==> flow/design.v <==
module mem #(
  parameter ENTRIES = 12,
  parameter BITS = 12,
  parameter NR = 6,
  parameter AWIDTH = $clog2(ENTRIES)
) (
  input  wire CLK,
  input  wire in_write,
  input  wire [AWIDTH-1:0] in_wr_addr,
  input  wire [BITS-1:0] in_write_data,
  input  wire [NR*AWIDTH-1:0] in_read_addr,
  output wire [NR*BITS-1:0] out_rd
);
  reg write_d1;
  reg [AWIDTH-1:0] wr_addr_d1;
  reg [BITS-1:0] write_data_d1;
  always @(posedge CLK) begin
    write_d1 <= in_write;
    wr_addr_d1 <= in_wr_addr;
    write_data_d1 <= in_write_data;
  end
  reg [ENTRIES*BITS-1:0] array;
  genvar ii;
  generate
    for (ii = 0; ii < ENTRIES; ii = ii + 1) begin : slice
      always @(posedge CLK)
        if (write_d1 && wr_addr_d1 == ii) array[ii*BITS +: BITS] <= write_data_d1;
    end
  endgenerate
  reg [NR*AWIDTH-1:0] read_addr_d1;
  always @(posedge CLK) begin
    read_addr_d1 <= in_read_addr;
  end
  reg [NR*BITS-1:0] val;
  integer m;
  integer t;
  always @(*) begin
    val = 0;
    for (m = 0; m < NR; m = m + 1) begin
      for (t = 0; t < ENTRIES; t = t + 1)
        val[m*BITS +: BITS] = val[m*BITS +: BITS] | (array[t*BITS +: BITS] & {BITS{read_addr_d1[m*AWIDTH +: AWIDTH] == t}});
    end
  end
  assign out_rd = val;
endmodule
======== Reports on mem ========
What the tools print for mem, step after step.
Lines are those of the file above, counted from 1.
Operators: Yosys type, input widths -> output width; for muxes data width and select width s.
Library cell names are shortened.
Not given: --
inputs
  design top .............................. mem
  clock port .............................. CLK
  standard-cell library ................... sky130hd
  corner .................................. tt_025C_1v80

======== After elaboration ========
Source: Yosys, flattened and elaborated, memories not mapped. Widths are those after wreduce; folded enables and synchronous resets count as part of the registers. Registers that Yosys merges into a memory's read port (data or address) are not register bits. Print and check cells do not count. Equal cells are merged and count once.
word-level totals
  flip-flop bits (word level) ............. 185
  output and inout bits ................... 72
  input bits .............................. 42
  word-level cells ........................ 250
operators by class
  bitwise logic cells ..................... 138
  equal/unequal tests ..................... 77
  reductions and logical operators ........ 19
operators by type and width
  kind                count
  $and 12x12->12      72
  $or 12x12->12       66
  $eq 4x3->1 const B  28
  $eq 4x4->1 const B  28
  $eq 4x2->1 const B  14
  $eq 4x1->1 const B  7
  $logic_not 4->1     7
  $logic_and 1x1->1   12

======== Longest topological paths ========
Depth = most cells in a row (Yosys ltp): at word level without a register or memory, in the mapped netlist without a sequential cell, where the memories' decode and read muxes count.
depth
  depth in word-level cells ............... 13
  ABC_AREA ................................ 0
  mapped depth ............................ 8
  depth with buffers taken out ............ 4

======== Synthesis result ========
Yosys stat after the flow's synthesis: flattened, memories mapped to cells. It holds for the ABC_AREA given above (unset counts as 0); a run with the other value may have another netlist.
Totals and module areas in this step are rounded.
synthesis totals
  cell area after synthesis ............... 13000 µm²
  sequential area ......................... 5100 µm²
  buffers ................................. 125
  flip-flops .............................. 185
  cell count .............................. 1317
cell types
  cell type  count  total area (µm²)
  edfxtp_1   144    4.32E+03
  a22oi_1    111    833.299
  dfxtp_1    41     820.787
  mux2i_1    75     750.72
  mux4_2     19     427.91
  mux2_2     37     416.65
  a22o_1     47     411.645
  buf_2      75     375.36
  nor2b_1    54     337.824
  a32oi_1    38     332.819
  nand3_1    48     240.23
  o22ai_1    37     231.472
  a221oi_1   25     218.96
  a21oi_1    42     210.202
  nand2_1    53     198.941
  nor2_1     52     195.187
  o32ai_1    20     175.168
  o21ai_0    31     155.149
Not listed: further types 54, cells in them 368.

======== Path before layout ========
Source: OpenSTA report_checks on the synthesized netlist (no wires, ideal clock, input and output delay 20% of the period each), path of least setup slack; recovery checks are left aside. Register names are those of the netlist, which keeps one name where synthesis merged equal registers.
timing post-synthesis
  path type ............................... register to register
  start point ............................. register write_d1
  end point ............................... register array[0]
  slack ................................... 522 ps
  required time ........................... 2204 ps
  time at the first pin ................... 0 ps
  buffers on the path ..................... 0
  stages on the path ...................... 3
  data arrival time ....................... 1682 ps
  setup time .............................. 396 ps
  path delay .............................. 2078 ps
  period .................................. 2600 ps
  period reached after synthesis .......... 2078 ps
"path delay" = arrival - input delay + setup time.
"stages on the path" counts driving pins, that of a launching flip-flop among them; a cell with two outputs on the path counts twice.
"period reached after synthesis" is the clock period less the worst setup slack; recovery checks do not enter. This is arithmetic on one report: input and output delays are still those of the set period (20% each).
The rows between start and end are the longest chain of elaborated cells between them; the timing report does not say that the signal goes this way. Where chains are equally long, one stands for them.
Each line given opens the expression or statement behind the cell; cells for indexed reads and writes are added by Yosys, which also makes memories of some case tables.
on the way, post-synthesis
  path through ............................ dfxtp_1 -> or3b_2 -> nor3_1
  cells in the longest elaborated chain ... 1
  elaborated cells on any way between the ends .. 1
  source lines of those cells ............. 1
  classes of those cells .................. reduce/logical (1)
ends and longest elaborated chain, post-synthesis
  element             RTL line  RTL
  start: declaration  14        reg write_d1;
  start: assignment   18        write_d1 <= in_write;
  $logic_and 1x1->1   27        if (write_d1 && wr_addr_d1 == ii) array[ii*BITS +: BITS] <= write_data_d1;
  end: assignment     27
  end: declaration    22        reg [ENTRIES*BITS-1:0] array;

======== Timing after layout ========
Path of least setup slack in the final report of run 3 (OpenROAD, finished layout, wires in). Where an end is a register, its clock arrival counts in the times.
The report prints the path's times to 10 ps; the period is as set.
timing after layout
  path type ............................... register to output
  start point ............................. register read_addr_d1[5]
  end point ............................... output out_rd[13]
  period .................................. 2600 ps
  buffers on the path ..................... 3
  stages on the path ...................... 8
  data arrival time ....................... 2350 ps
  time at the first pin ................... 470 ps
  required time ........................... 2080 ps
  slack ................................... -270 ps
  output delay ............................ 520 ps
The rows between start and end are the longest chain of elaborated cells between them; the timing report does not say that the signal goes this way. Where chains are equally long, one stands for them.
on the way, after layout
  path through ............................ dfxtp_4 -> buf_12 -> buf_8 -> and3b_1 -> a32oi_1 -> nor2_1 -> or4_1 -> buf_2
  cells in the longest elaborated chain ... 13
  elaborated cells on any way between the ends .. 35
  source lines of those cells ............. 1
  classes of those cells .................. eq/ne (11); logic (23); reduce/logical (1)
ends and longest elaborated chain, after layout
  element             RTL line  RTL
  start: declaration  30        reg [NR*AWIDTH-1:0] read_addr_d1;
  start: assignment   32        read_addr_d1 <= in_read_addr;
  $logic_not 4->1     41        val[m*BITS +: BITS] = val[m*BITS +: BITS] | (array[t*BITS +: BITS] & {BITS{read_addr_d1[m*AWIDTH +: AWIDTH] == ...
  $and 12x12->12      41
  $or 12x12->12 x11   41
  end: declaration    12        output wire [NR*BITS-1:0] out_rd

Design mem on sky130hd. What follows are 3 stored runs of the flow, each under its own settings; their order means nothing. The constraints put input and output delay at 20% of the set period each and load the outputs with 0.01 pF.
"reached clock period" means the clock period less the worst setup slack. The figure is calculated, with input and output delays left at 20% of the set period.
"time on the worst setup path": the worst setup path's part of the clock period (all of it between registers, 20% less for each end at a port) less its slack. A launch clock that arrives late makes it longer, a capture clock that arrives late makes it shorter.
"power consumption" is the tool's figure for a default switching activity; nothing was simulated.
"time on the worst setup path" is known to 10 ps.
Measured values are rounded.

---- run 1 ----
settings
  period_ns = 2.0
  CORE_UTILIZATION = 54
  SETUP_SLACK_MARGIN = 0.3
  PLACE_DENSITY_LB_ADDON = 0.17
  CORE_ASPECT_RATIO = 1.54
  SLEW_MARGIN = 25
  MIN_ROUTING_LAYER = met1
  MAX_ROUTING_LAYER = met5
  CAP_MARGIN = 20
  CORE_MARGIN = 2
results
  did not finish, routing stopped with GRT-0116

---- run 2 ----
settings
  period_ns = 3.38
  CORE_UTILIZATION = 66
  PLACE_DENSITY_LB_ADDON = 0.02
  ABC_AREA = 1
  GPL_ROUTABILITY_DRIVEN = 1
  CTS_CLUSTER_SIZE = 68
  MIN_ROUTING_LAYER = met2
  CAP_MARGIN = 20
  CORE_MARGIN = 2
  SLEW_MARGIN = 20
results
  did not finish, routing stopped with GRT-0116

---- run 3 ----
settings
  period_ns = 2.6
  CAP_MARGIN = 20
  CORE_MARGIN = 2
  CORE_UTILIZATION = 40
  SLEW_MARGIN = 20
results
  netlist area reported by Yosys .......... 13000 µm²
  total die area .......................... 35000 µm²
  utilization in the final report ......... 70%
  worst setup slack after layout .......... -270 ps
  final worst hold slack .................. 460 ps
  power consumption ....................... 9000 µW
  reached clock period .................... 2869 ps
  time on the worst setup path ............ 2350 ps
  critical path kind ...................... register to output
